==> flow/design.v <==
module sync_mpy_mod #(
    parameter NBITS = 6
) (
    input  sys_clk,
    input  [NBITS-1:0] dataa,
    input  [NBITS-1:0] datab,
    input  clear,
    output [2*NBITS-1:0] q,
    output ready
);
    reg [NBITS-1:0] dataa_ff;
    reg [NBITS-1:0] datab_ff;
    reg clear_ff;
    localparam SW = $clog2(NBITS + 1);
    reg [NBITS-1:0] mcand;
    reg [SW-1:0] ctr;
    reg [2*NBITS-1:0] state;
    wire [NBITS:0] nxt;
    assign nxt = state[2*NBITS-1:NBITS] + (state[0] ? mcand : {NBITS{1'b0}});
    assign q = state;
    assign ready = (ctr == 0);
    always @(posedge sys_clk) begin
        dataa_ff <= dataa;
        datab_ff <= datab;
        clear_ff <= clear;
        mcand <= clear_ff ? dataa_ff : mcand;
        ctr <= clear_ff ? NBITS : (ctr != 0) ? ctr - 1'b1 : ctr;
        state <= clear_ff ? {{NBITS{1'b0}}, datab_ff} : (ctr != 0) ? {nxt, state[NBITS-1:1]} : state;
    end
endmodule
Memo
Re: synthesis data of sync_mpy_mod

Step by step through the tools: sync_mpy_mod. Tool output for the members of one design family, told apart by "NBITS", in the order of the flow. The file above is the member NBITS = 6. Line numbers count from 1 in each member's own file. Cell names lack the library's common part. Not given: n/a

Top module: sync_mpy_mod. Clock: sys_clk. Cell library: sky130hd. Library corner: tt_025C_1v80.

Members of the sweep. New or changed lines of each further member against the RTL above, in its own file; lines it lacks are not shown.

Lines new or changed: NBITS 16 (RTL line 2) `parameter NBITS = 16`; NBITS 18 (RTL line 2) `parameter NBITS = 18`; NBITS 20 (RTL line 2) `parameter NBITS = 20`; NBITS 36 (RTL line 2) `parameter NBITS = 36`.

Word level. Counts by Yosys on the flattened word-level netlist (proc, flatten, opt, wreduce; memories kept). Register bits leave out memories and registers merged into their read ports (data or address). Print and check cells are left out. Cells with the same type and inputs are merged into one.

Word-level totals: NBITS 6 (cells after elaboration 15, latch bits 0, register bits after elaboration 34, memory cells 0, memory bits (writable) 0, bits of input ports 14, output and inout bits 13, word width x clocked read ports 0, memory bits (read-only) 0); NBITS 16 (cells after elaboration 15, latch bits 0, register bits after elaboration 86, memory cells 0, memory bits (writable) 0, bits of input ports 34, output and inout bits 33, word width x clocked read ports 0, memory bits (read-only) 0); NBITS 18 (cells after elaboration 15, latch bits 0, register bits after elaboration 96, memory cells 0, memory bits (writable) 0, bits of input ports 38, output and inout bits 37, word width x clocked read ports 0, memory bits (read-only) 0); NBITS 20 (cells after elaboration 15, latch bits 0, register bits after elaboration 106, memory cells 0, memory bits (writable) 0, bits of input ports 42, output and inout bits 41, word width x clocked read ports 0, memory bits (read-only) 0); NBITS 36 (cells after elaboration 15, latch bits 0, register bits after elaboration 187, memory cells 0, memory bits (writable) 0, bits of input ports 74, output and inout bits 73, word width x clocked read ports 0, memory bits (read-only) 0).

Cells by class: NBITS 6 (multipliers 0, shift operators 0, reductions and logical operators 3, $lt $le $gt $ge 0, add/sub/neg operators 2, equal/unequal tests 0, div/mod/pow operators 0, bitwise operators 0, mux-type cells 3); NBITS 16 (multipliers 0, shift operators 0, reductions and logical operators 3, $lt $le $gt $ge 0, add/sub/neg operators 2, equal/unequal tests 0, div/mod/pow operators 0, bitwise operators 0, mux-type cells 3); NBITS 18 (multipliers 0, shift operators 0, reductions and logical operators 3, $lt $le $gt $ge 0, add/sub/neg operators 2, equal/unequal tests 0, div/mod/pow operators 0, bitwise operators 0, mux-type cells 3); NBITS 20 (multipliers 0, shift operators 0, reductions and logical operators 3, $lt $le $gt $ge 0, add/sub/neg operators 2, equal/unequal tests 0, div/mod/pow operators 0, bitwise operators 0, mux-type cells 3); NBITS 36 (multipliers 0, shift operators 0, reductions and logical operators 3, $lt $le $gt $ge 0, add/sub/neg operators 2, equal/unequal tests 0, div/mod/pow operators 0, bitwise operators 0, mux-type cells 3).

Operator list (kind and count): NBITS 6 (two-way mux 6 bit: 3; adder 6 x 6 -> 7 bit: 1; subtractor 3 x 1 -> 3 bit (second input constant): 1; zero test 3 bit: 1; nonzero test 3 bit: 1; nonzero test 2 bit: 1); NBITS 16 (two-way mux 16 bit: 3; adder 16 x 16 -> 17 bit: 1; subtractor 5 x 1 -> 5 bit (second input constant): 1; zero test 5 bit: 1; nonzero test 5 bit: 1; nonzero test 2 bit: 1); NBITS 18 (two-way mux 18 bit: 3; adder 18 x 18 -> 19 bit: 1; subtractor 5 x 1 -> 5 bit (second input constant): 1; zero test 5 bit: 1; nonzero test 5 bit: 1; nonzero test 2 bit: 1); NBITS 20 (two-way mux 20 bit: 3; adder 20 x 20 -> 21 bit: 1; subtractor 5 x 1 -> 5 bit (second input constant): 1; zero test 5 bit: 1; nonzero test 5 bit: 1; nonzero test 2 bit: 1); NBITS 36 (two-way mux 36 bit: 3; adder 36 x 36 -> 37 bit: 1; subtractor 6 x 1 -> 6 bit (second input constant): 1; zero test 6 bit: 1; nonzero test 6 bit: 1; nonzero test 2 bit: 1).

Logic depth. Longest topological path by Yosys (ltp), each cell counted once; first at word level (registers and memories cut), then after technology mapping (sequential cells cut; the memories' decode and read muxes count).

Depth: NBITS 6 (depth after elaboration 4, ABC_AREA 0, mapped depth 8, depth with buffers taken out 8); NBITS 16 (depth after elaboration 4, ABC_AREA 0, mapped depth 10, depth with buffers taken out 9); NBITS 18 (depth after elaboration 4, ABC_AREA 0, mapped depth 10, depth with buffers taken out 10); NBITS 20 (depth after elaboration 4, ABC_AREA 0, mapped depth 9, depth with buffers taken out 8); NBITS 36 (depth after elaboration 4, ABC_AREA 0, mapped depth 12, depth with buffers taken out 11).

Netlist. Yosys stat after the flow's synthesis: flattened, memories mapped to cells. It holds for the ABC_AREA given above (unset counts as 0); a run with the other value may have another netlist.

Cell types (type and count): NBITS 6 (dfxtp_1: 22; edfxtp_1: 12; ha_1: 8; mux2_2: 6; nor2_1: 9; and2_1: 5; nand2b_1: 5; a21oi_1: 6; a211oi_2: 2; inv_1: 6; fa_1: 1; o21ai_0: 4; nand2_1: 5; xnor2_1: 2; a211oi_1: 2; o31ai_2: 1; o41ai_1: 1; buf_4: 1; (+8)); NBITS 16 (dfxtp_1: 54; edfxtp_1: 32; ha_1: 17; mux2_2: 16; a21oi_1: 22; and2_1: 17; nand2_1: 23; a21o_1: 7; nor3_1: 10; o21ai_0: 10; nor2_1: 13; nand3b_1: 6; a211o_1: 5; and3_1: 7; xnor2_1: 4; or3_1: 5; nand3_1: 6; a31o_2: 3; (+53)); NBITS 18 (dfxtp_1: 60; edfxtp_1: 36; ha_1: 19; mux2_2: 19; and2_1: 18; a21oi_1: 21; nor2_1: 23; nand2_1: 19; a211oi_1: 7; xnor2_1: 6; a21o_1: 6; inv_1: 9; nand2b_1: 5; mux2i_1: 3; nor3_1: 6; o21ai_0: 6; clkbuf_1: 7; nor4b_1: 3; (+58)); NBITS 20 (dfxtp_1: 66; edfxtp_1: 40; ha_1: 22; mux2_2: 20; and2_1: 21; nand2_1: 33; nand3_1: 17; a21oi_1: 16; xnor2_1: 9; o21ai_0: 15; nor2_1: 16; nor3_1: 10; a21o_1: 6; o211ai_1: 5; clkbuf_1: 9; inv_1: 9; a21oi_4: 2; buf_2: 6; (+81)); NBITS 36 (dfxtp_1: 115; edfxtp_1: 72; ha_1: 38; mux2_2: 36; nand2_1: 69; a21oi_1: 48; and2_1: 37; xnor2_1: 23; a21o_1: 26; clkbuf_1: 26; nor2_1: 26; xor2_1: 11; o21ai_1: 16; a211oi_1: 10; nand3_1: 14; o21ai_0: 13; nand4_1: 9; o21ai_2: 5; (+71)).

The mark (+n) counts cells that are not listed.

Synthesis totals: NBITS 6 (buffers 3, flip-flop cells 34, mapped area 1307.5 sq um, sequential area 800.8 sq um, cell count 106); NBITS 16 (buffers 12, flip-flop cells 86, mapped area 3554.7 sq um, sequential area 2042.0 sq um, cell count 310); NBITS 18 (buffers 13, flip-flop cells 96, mapped area 3905.0 sq um, sequential area 2282.2 sq um, cell count 331); NBITS 20 (buffers 20, flip-flop cells 106, mapped area 4590.7 sq um, sequential area 2522.4 sq um, cell count 403); NBITS 36 (buffers 29, flip-flop cells 187, mapped area 7712.4 sq um, sequential area 4464.3 sq um, cell count 665).

Path before layout. OpenSTA on the mapped netlist: ideal clock, no wires. The path of least setup slack (recovery checks aside). Input and output delay are each 20% of the period. Register names are those of the netlist, which keeps one name where synthesis merged equal registers.

Timing path post-synthesis: NBITS 6 (kind register to register, start point register state[0], end point register state[11], stages on the path 9, delay of the path 1.837 ns, period 2.3 ns, setup slack 0.464 ns, synthesis period reached 1.836 ns); NBITS 16 (kind register to register, start point register state[0], end point register state[27], stages on the path 10, delay of the path 2.828 ns, period 3.54 ns, setup slack 0.712 ns, synthesis period reached 2.828 ns); NBITS 18 (kind register to register, start point register state[0], end point register state[29], stages on the path 10, delay of the path 2.509 ns, period 3.14 ns, setup slack 0.630 ns, synthesis period reached 2.51 ns); NBITS 20 (kind register to register, start point register state[0], end point register state[31], stages on the path 10, delay of the path 2.537 ns, period 3.17 ns, setup slack 0.632 ns, synthesis period reached 2.538 ns); NBITS 36 (kind register to register, start point register state[0], end point register state[67], stages on the path 13, delay of the path 3.016 ns, period 3.77 ns, setup slack 0.754 ns, synthesis period reached 3.016 ns).

"delay of the path" = arrival - input delay + setup time. "stages on the path": output pins that drive a net of the path, with the launching flip-flop's if there is one; two outputs of one cell count as two. "synthesis period reached" = period - worst setup slack (recovery checks aside). The figure is calculated, with input and output delays left at 20% of the set period. Between the ends stands the longest chain of elaborated cells between them, by number of cells; it is not shown to be the way that was timed. Of several equally long chains one is given. A line is the first line of the expression or statement that the cell stems from. Yosys adds cells for indexed reads and writes and turns some case tables into memories.

On the way, post-synthesis, NBITS = 6:
The figure for length of the longest elaborated chain is 2.

Ends and longest elaborated chain, post-synthesis, NBITS = 6: start, declared (RTL line 17) `reg [2*NBITS-1:0] state;`; start, assigned (RTL line 28) `state <= clear_ff ? {{NBITS{1'b0}}, datab_ff} : (ctr != 0) ? {nxt, state[NBITS-1:1]} : state;`; two-way mux 6 bit (RTL line 19) `assign nxt = state[2*NBITS-1:NBITS] + (state[0] ? mcand : {NBITS{1'b0}});`; adder 6 x 6 -> 7 bit (RTL line 19); end, assigned (RTL line 28); end, declared (RTL line 17).

On the way, post-synthesis, NBITS = 36:
The figure for length of the longest elaborated chain is 2.

Ends and longest elaborated chain, post-synthesis, NBITS = 36: start, declared (RTL line 17) `reg [2*NBITS-1:0] state;`; start, assigned (RTL line 28) `state <= clear_ff ? {{NBITS{1'b0}}, datab_ff} : (ctr != 0) ? {nxt, state[NBITS-1:1]} : state;`; two-way mux 36 bit (RTL line 19) `assign nxt = state[2*NBITS-1:NBITS] + (state[0] ? mcand : {NBITS{1'b0}});`; adder 36 x 36 -> 37 bit (RTL line 19); end, assigned (RTL line 28); end, declared (RTL line 17).

Worst path after layout. Path of least setup slack in the final report of the run of each member (OpenROAD, finished layout, wires in). Where an end is a register, its clock arrival counts in the times.

Timing path after layout: NBITS 6 (kind register to register, start point register state[0], end point register state[11], setup slack 0.37 ns, stages on the path 9, buffers on the path 0, arrival 2.18 ns, period 2.3 ns); NBITS 16 (kind register to register, start point register state[0], end point register state[27], setup slack 0.52 ns, stages on the path 9, buffers on the path 0, arrival 3.26 ns, period 3.54 ns); NBITS 18 (kind register to output, start point register ctr[0], end point output port ready, setup slack 0.20 ns, stages on the path 7, buffers on the path 1, arrival 2.31 ns, period 3.14 ns); NBITS 20 (kind register to register, start point register state[0], end point register state[35], setup slack 0.31 ns, stages on the path 9, buffers on the path 0, arrival 3.13 ns, period 3.17 ns); NBITS 36 (kind register to register, start point register state[0], end point register state[63], setup slack 0.63 ns, stages on the path 12, buffers on the path 1, arrival 3.44 ns, period 3.77 ns).

Measured runs. One run of the flow (Yosys, OpenROAD) for each member, with settings and measured results. Input and output delays are each 20% of the period that was set; the output load is 0.01 pF.

The figure for CAP_MARGIN is 20. The entry for CORE_MARGIN reads 2. The figure for CORE_UTILIZATION is 40. The figure for SLEW_MARGIN is 20.

Settings by member (period_ns): NBITS 6 (2.3); NBITS 16 (3.54); NBITS 18 (3.14); NBITS 20 (3.17); NBITS 36 (3.77).

Measured results: NBITS 6 (post-route setup TNS 0.000 ns, total power after layout 1.349 mW, die area 3742.4 sq um, mapped cell area after synthesis 1307.5 sq um, clock period reached 1.930 ns, smallest setup slack 0.370 ns, standard-cell area after layout 1684.1 sq um); NBITS 16 (post-route setup TNS 0.000 ns, total power after layout 3.143 mW, die area 9657.0 sq um, mapped cell area after synthesis 3554.7 sq um, clock period reached 3.017 ns, smallest setup slack 0.523 ns, standard-cell area after layout 4509.3 sq um); NBITS 18 (post-route setup TNS 0.000 ns, total power after layout 3.171 mW, die area 10568.9 sq um, mapped cell area after synthesis 3905.0 sq um, clock period reached 2.939 ns, smallest setup slack 0.201 ns, standard-cell area after layout 4956.0 sq um); NBITS 20 (post-route setup TNS 0.000 ns, total power after layout 3.974 mW, die area 12349.9 sq um, mapped cell area after synthesis 4590.7 sq um, clock period reached 2.861 ns, smallest setup slack 0.309 ns, standard-cell area after layout 5851.9 sq um); NBITS 36 (post-route setup TNS 0.000 ns, total power after layout 5.961 mW, die area 20407.6 sq um, mapped cell area after synthesis 7712.4 sq um, clock period reached 3.137 ns, smallest setup slack 0.633 ns, standard-cell area after layout 10083.4 sq um).

By "clock period reached" is meant the clock period of the run minus its worst setup slack. This is arithmetic on one report: input and output delays are still those of the set period (20% each). "total power after layout": no workload was simulated; the value follows from the tool's default switching activity.
